==> flow/design.v <==
module my_mpy_n #(
   parameter integer DW = 4
) (
   input wire aclk,
   input wire RSTN,
   input wire signed [DW-1:0] i_da,
   input wire signed [DW-1:0] i_db,
   output reg signed [2*DW-1:0] o_m
);
   always @(posedge aclk) begin
      if (!RSTN) begin
         o_m <= 0;
      end else begin
         o_m <= i_da * i_db;
      end
   end
endmodule
== From RTL to reports: my_mpy_n ==
Tool output for the members of one design family, told apart by "DW", in the order of the flow.
The RTL above is that of DW=4; lines are counted from 1 in the file of the member named.
The mark -- stands for no value.

* Top module: my_mpy_n
* Clock: aclk
* Standard-cell library: sky130hd
* Corner: tt_025C_1v80

== Members of the sweep ==
New or changed lines of each further member against the RTL above, in its own file; lines it lacks are not shown.

{| class="wikitable"
|+ Lines new or changed
! DW !! line !! text
|-
| 10 || 2 || <nowiki>parameter integer DW = 10</nowiki>
|-
| 14 || 2 || <nowiki>parameter integer DW = 14</nowiki>
|}

== Word level ==
Source: Yosys, flattened and elaborated, memories not mapped. Widths are those after wreduce; folded enables and synchronous resets count as part of the registers. Registers that Yosys merges into a memory's read port (data or address) are not register bits. Print and check cells do not count. Equal cells are merged and count once.

{| class="wikitable"
|+ Operators by class
! DW !! multipliers
|-
| 4 || 1
|-
| 10 || 1
|-
| 14 || 1
|}

{| class="wikitable"
|+ Operators with widths
! DW !! kinds with counts
|-
| 4 || multiplier 4 x 4 -> 8 bit (1)
|-
| 10 || multiplier 10 x 10 -> 20 bit (1)
|-
| 14 || multiplier 14 x 14 -> 28 bit (1)
|}

{| class="wikitable"
|+ Word-level totals
! DW !! bits in registers !! input bits !! output and inout port bits
|-
| 4 || 8 || 10 || 8
|-
| 10 || 20 || 22 || 20
|-
| 14 || 28 || 30 || 28
|}

== Logic depth ==
Depth = most cells in a row (Yosys ltp): at word level without a register or memory, in the mapped netlist without a sequential cell, where the memories' decode and read muxes count.

{| class="wikitable"
|+ Depth
! DW !! word-level depth !! ABC_AREA !! depth in mapped cells !! gate-level depth less buffers
|-
| 4 || 1 || 0 || 12 || 12
|-
| 10 || 1 || 0 || 19 || 18
|-
| 14 || 1 || 0 || 21 || 20
|}

== Netlist ==
Yosys stat after the flow's synthesis: flattened, memories mapped to cells. It holds for the ABC_AREA given above (unset counts as 0); a run with the other value may have another netlist.

{| class="wikitable"
|+ Mapped netlist
! DW !! cells in the netlist !! cell area after synthesis (um2) !! area of sequential cells (um2) !! flip-flop cells !! buffer cells
|-
| 4 || 74 || 769.5 || 160.2 || 8 || 0
|-
| 10 || 519 || 4611.9 || 400.4 || 20 || 19
|-
| 14 || 902 || 8380.5 || 560.5 || 28 || 32
|}

{| class="wikitable"
|+ Cells by type
! DW !! types with counts
|-
| 4 || sky130_fd_sc_hd__fa_1 (9); sky130_fd_sc_hd__dfxtp_1 (8); sky130_fd_sc_hd__ha_1 (12); sky130_fd_sc_hd__and2_1 (15); sky130_fd_sc_hd__inv_1 (12); sky130_fd_sc_hd__xnor2_1 (3); sky130_fd_sc_hd__xnor3_1 (1); sky130_fd_sc_hd__xnor2_2 (1); sky130_fd_sc_hd__a21o_1 (2); sky130_fd_sc_hd__a21oi_1 (2); sky130_fd_sc_hd__xor2_1 (1); sky130_fd_sc_hd__nand2_1 (2); sky130_fd_sc_hd__nor2_1 (2); sky130_fd_sc_hd__o21bai_1 (1); sky130_fd_sc_hd__and3_1 (1); sky130_fd_sc_hd__nand2_2 (1); sky130_fd_sc_hd__nand2b_1 (1)
|-
| 10 || sky130_fd_sc_hd__fa_1 (91); sky130_fd_sc_hd__ha_1 (49); sky130_fd_sc_hd__inv_1 (136); sky130_fd_sc_hd__dfxtp_1 (20); sky130_fd_sc_hd__and2_1 (38); sky130_fd_sc_hd__nand2_1 (62); sky130_fd_sc_hd__xnor2_1 (15); sky130_fd_sc_hd__clkbuf_1 (18); sky130_fd_sc_hd__nor2_1 (17); sky130_fd_sc_hd__a21oi_1 (9); sky130_fd_sc_hd__nand2b_1 (7); sky130_fd_sc_hd__mux2i_1 (3); sky130_fd_sc_hd__nor3_2 (3); sky130_fd_sc_hd__o21a_1 (4); sky130_fd_sc_hd__xor2_1 (3); sky130_fd_sc_hd__nor3_1 (5); sky130_fd_sc_hd__a21o_1 (3); sky130_fd_sc_hd__nand3_1 (4); [+32]
|-
| 14 || sky130_fd_sc_hd__fa_1 (195); sky130_fd_sc_hd__ha_1 (67); sky130_fd_sc_hd__inv_1 (212); sky130_fd_sc_hd__and2_1 (116); sky130_fd_sc_hd__dfxtp_1 (28); sky130_fd_sc_hd__nand2_1 (97); sky130_fd_sc_hd__xnor2_1 (14); sky130_fd_sc_hd__clkbuf_1 (30); sky130_fd_sc_hd__mux2i_1 (10); sky130_fd_sc_hd__nand2b_1 (16); sky130_fd_sc_hd__a21oi_1 (18); sky130_fd_sc_hd__a21o_1 (10); sky130_fd_sc_hd__o21ai_0 (14); sky130_fd_sc_hd__nor2_1 (17); sky130_fd_sc_hd__xor2_1 (6); sky130_fd_sc_hd__and4_1 (4); sky130_fd_sc_hd__a31oi_1 (5); sky130_fd_sc_hd__a211oi_1 (4); [+39]
|}

The mark [+n] counts cells that are not listed.

== Worst setup path after synthesis ==
Source: OpenSTA report_checks on the synthesized netlist (no wires, ideal clock, input and output delay 20% of the period each), path of least setup slack; recovery checks are left aside. Register names are those of the netlist, which keeps one name where synthesis merged equal registers.

{| class="wikitable"
|+ Timing path post-synthesis
! DW !! path kind !! from !! to !! clock period (ns) !! slack (ns) !! driving pins on the path !! delay of the path (ns) !! synthesis period reached (ns)
|-
| 4 || input to register || input i_da[0] || register o_m[7] || 4.61 || 0.738 || 11 || 2.950 || 3.872
|-
| 10 || input to register || input i_da[9] || register o_m[19] || 6.96 || 1.112 || 18 || 4.456 || 5.848
|-
| 14 || input to register || input i_da[13] || register o_m[24] || 8.12 || 1.301 || 18 || 5.195 || 6.819
|}

"delay of the path" is the arrival time less input delay plus setup time.
"driving pins on the path" counts driving pins, that of a launching flip-flop among them; a cell with two outputs on the path counts twice.
"synthesis period reached" is the clock period less the worst setup slack; recovery checks do not enter. This is arithmetic on one report: input and output delays are still those of the set period (20% each).
Between the ends stands the longest chain of elaborated cells between them, by number of cells; it is not shown to be the way that was timed. Of several equally long chains one is given.
A line is the first line of the expression or statement that the cell stems from. Yosys adds cells for indexed reads and writes and turns some case tables into memories.

On the way, post-synthesis, DW=4:
* Length of the longest elaborated chain: 1

{| class="wikitable"
|+ RTL lines, path post-synthesis, DW=4
! item !! line !! text
|-
| start: declaration || 6 || <nowiki>input wire signed [DW-1:0] i_da,</nowiki>
|-
| multiplier 4 x 4 -> 8 bit || 14 || <nowiki>o_m <= i_da * i_db;</nowiki>
|-
| end: assignment || 12 || <nowiki>o_m <= 0;</nowiki>
|-
| end: assignment || 14 ||
|-
| end: declaration || 8 || <nowiki>output reg signed [2*DW-1:0] o_m</nowiki>
|}

On the way, post-synthesis, DW=14:
* Length of the longest elaborated chain: 1

{| class="wikitable"
|+ RTL lines, path post-synthesis, DW=14
! item !! line !! text
|-
| start: declaration || 6 || <nowiki>input wire signed [DW-1:0] i_da,</nowiki>
|-
| multiplier 14 x 14 -> 28 bit || 14 || <nowiki>o_m <= i_da * i_db;</nowiki>
|-
| end: assignment || 12 || <nowiki>o_m <= 0;</nowiki>
|-
| end: assignment || 14 ||
|-
| end: declaration || 8 || <nowiki>output reg signed [2*DW-1:0] o_m</nowiki>
|}

== Worst path after layout ==
Path of least setup slack in the final report of each member's run (OpenROAD, finished layout, wires in). Where an end is a register, its clock arrival counts in the times.

{| class="wikitable"
|+ Timing path after layout
! DW !! path kind !! from !! to !! clock period (ns) !! slack (ns) !! driving pins on the path !! arrival time (ns) !! buffers on the path
|-
| 4 || input to register || input i_da[0] || register o_m[7] || 4.61 || 0.43 || 12 || 4.33 || 1
|-
| 10 || input to register || input i_db[5] || register o_m[19] || 6.96 || 0.61 || 18 || 6.49 || 1
|-
| 14 || input to register || input i_db[3] || register o_m[24] || 8.12 || 0.62 || 18 || 7.70 || 1
|}

== Measured runs ==
Settings and results of one run of the flow (Yosys, OpenROAD) for each member follow. The constraints put input and output delay at 20% of the set period each and load the outputs with 0.01 pF.

* CAP_MARGIN: 20
* CORE_MARGIN: 2
* CORE_UTILIZATION: 40
* SLEW_MARGIN: 20

{| class="wikitable"
|+ Settings by member
! DW !! period_ns
|-
| 4 || 4.61
|-
| 10 || 6.96
|-
| 14 || 8.12
|}

{| class="wikitable"
|+ Results
! DW !! chip area after synthesis (Yosys) (um2) !! total die area (um2) !! standard-cell area after routing (um2) !! utilization of the finished layout !! worst slack on setup checks (ns) !! sum of negative setup slack (ns) !! lowest hold slack (ns) !! achieved period (ns)
|-
| 4 || 769.5 || 2290.6 || 993.5 || 0.563 || 0.429 || 0.000 || 1.314 || 4.181
|-
| 10 || 4611.9 || 12404.4 || 5235.0 || 0.462 || 0.614 || 0.000 || 2.003 || 6.346
|-
| 14 || 8380.5 || 22125.1 || 9371.5 || 0.459 || 0.617 || 0.000 || 2.185 || 7.503
|}

By "achieved period" is meant the clock period of the run minus its worst setup slack. This is arithmetic on one report: input and output delays are still those of the set period (20% each).
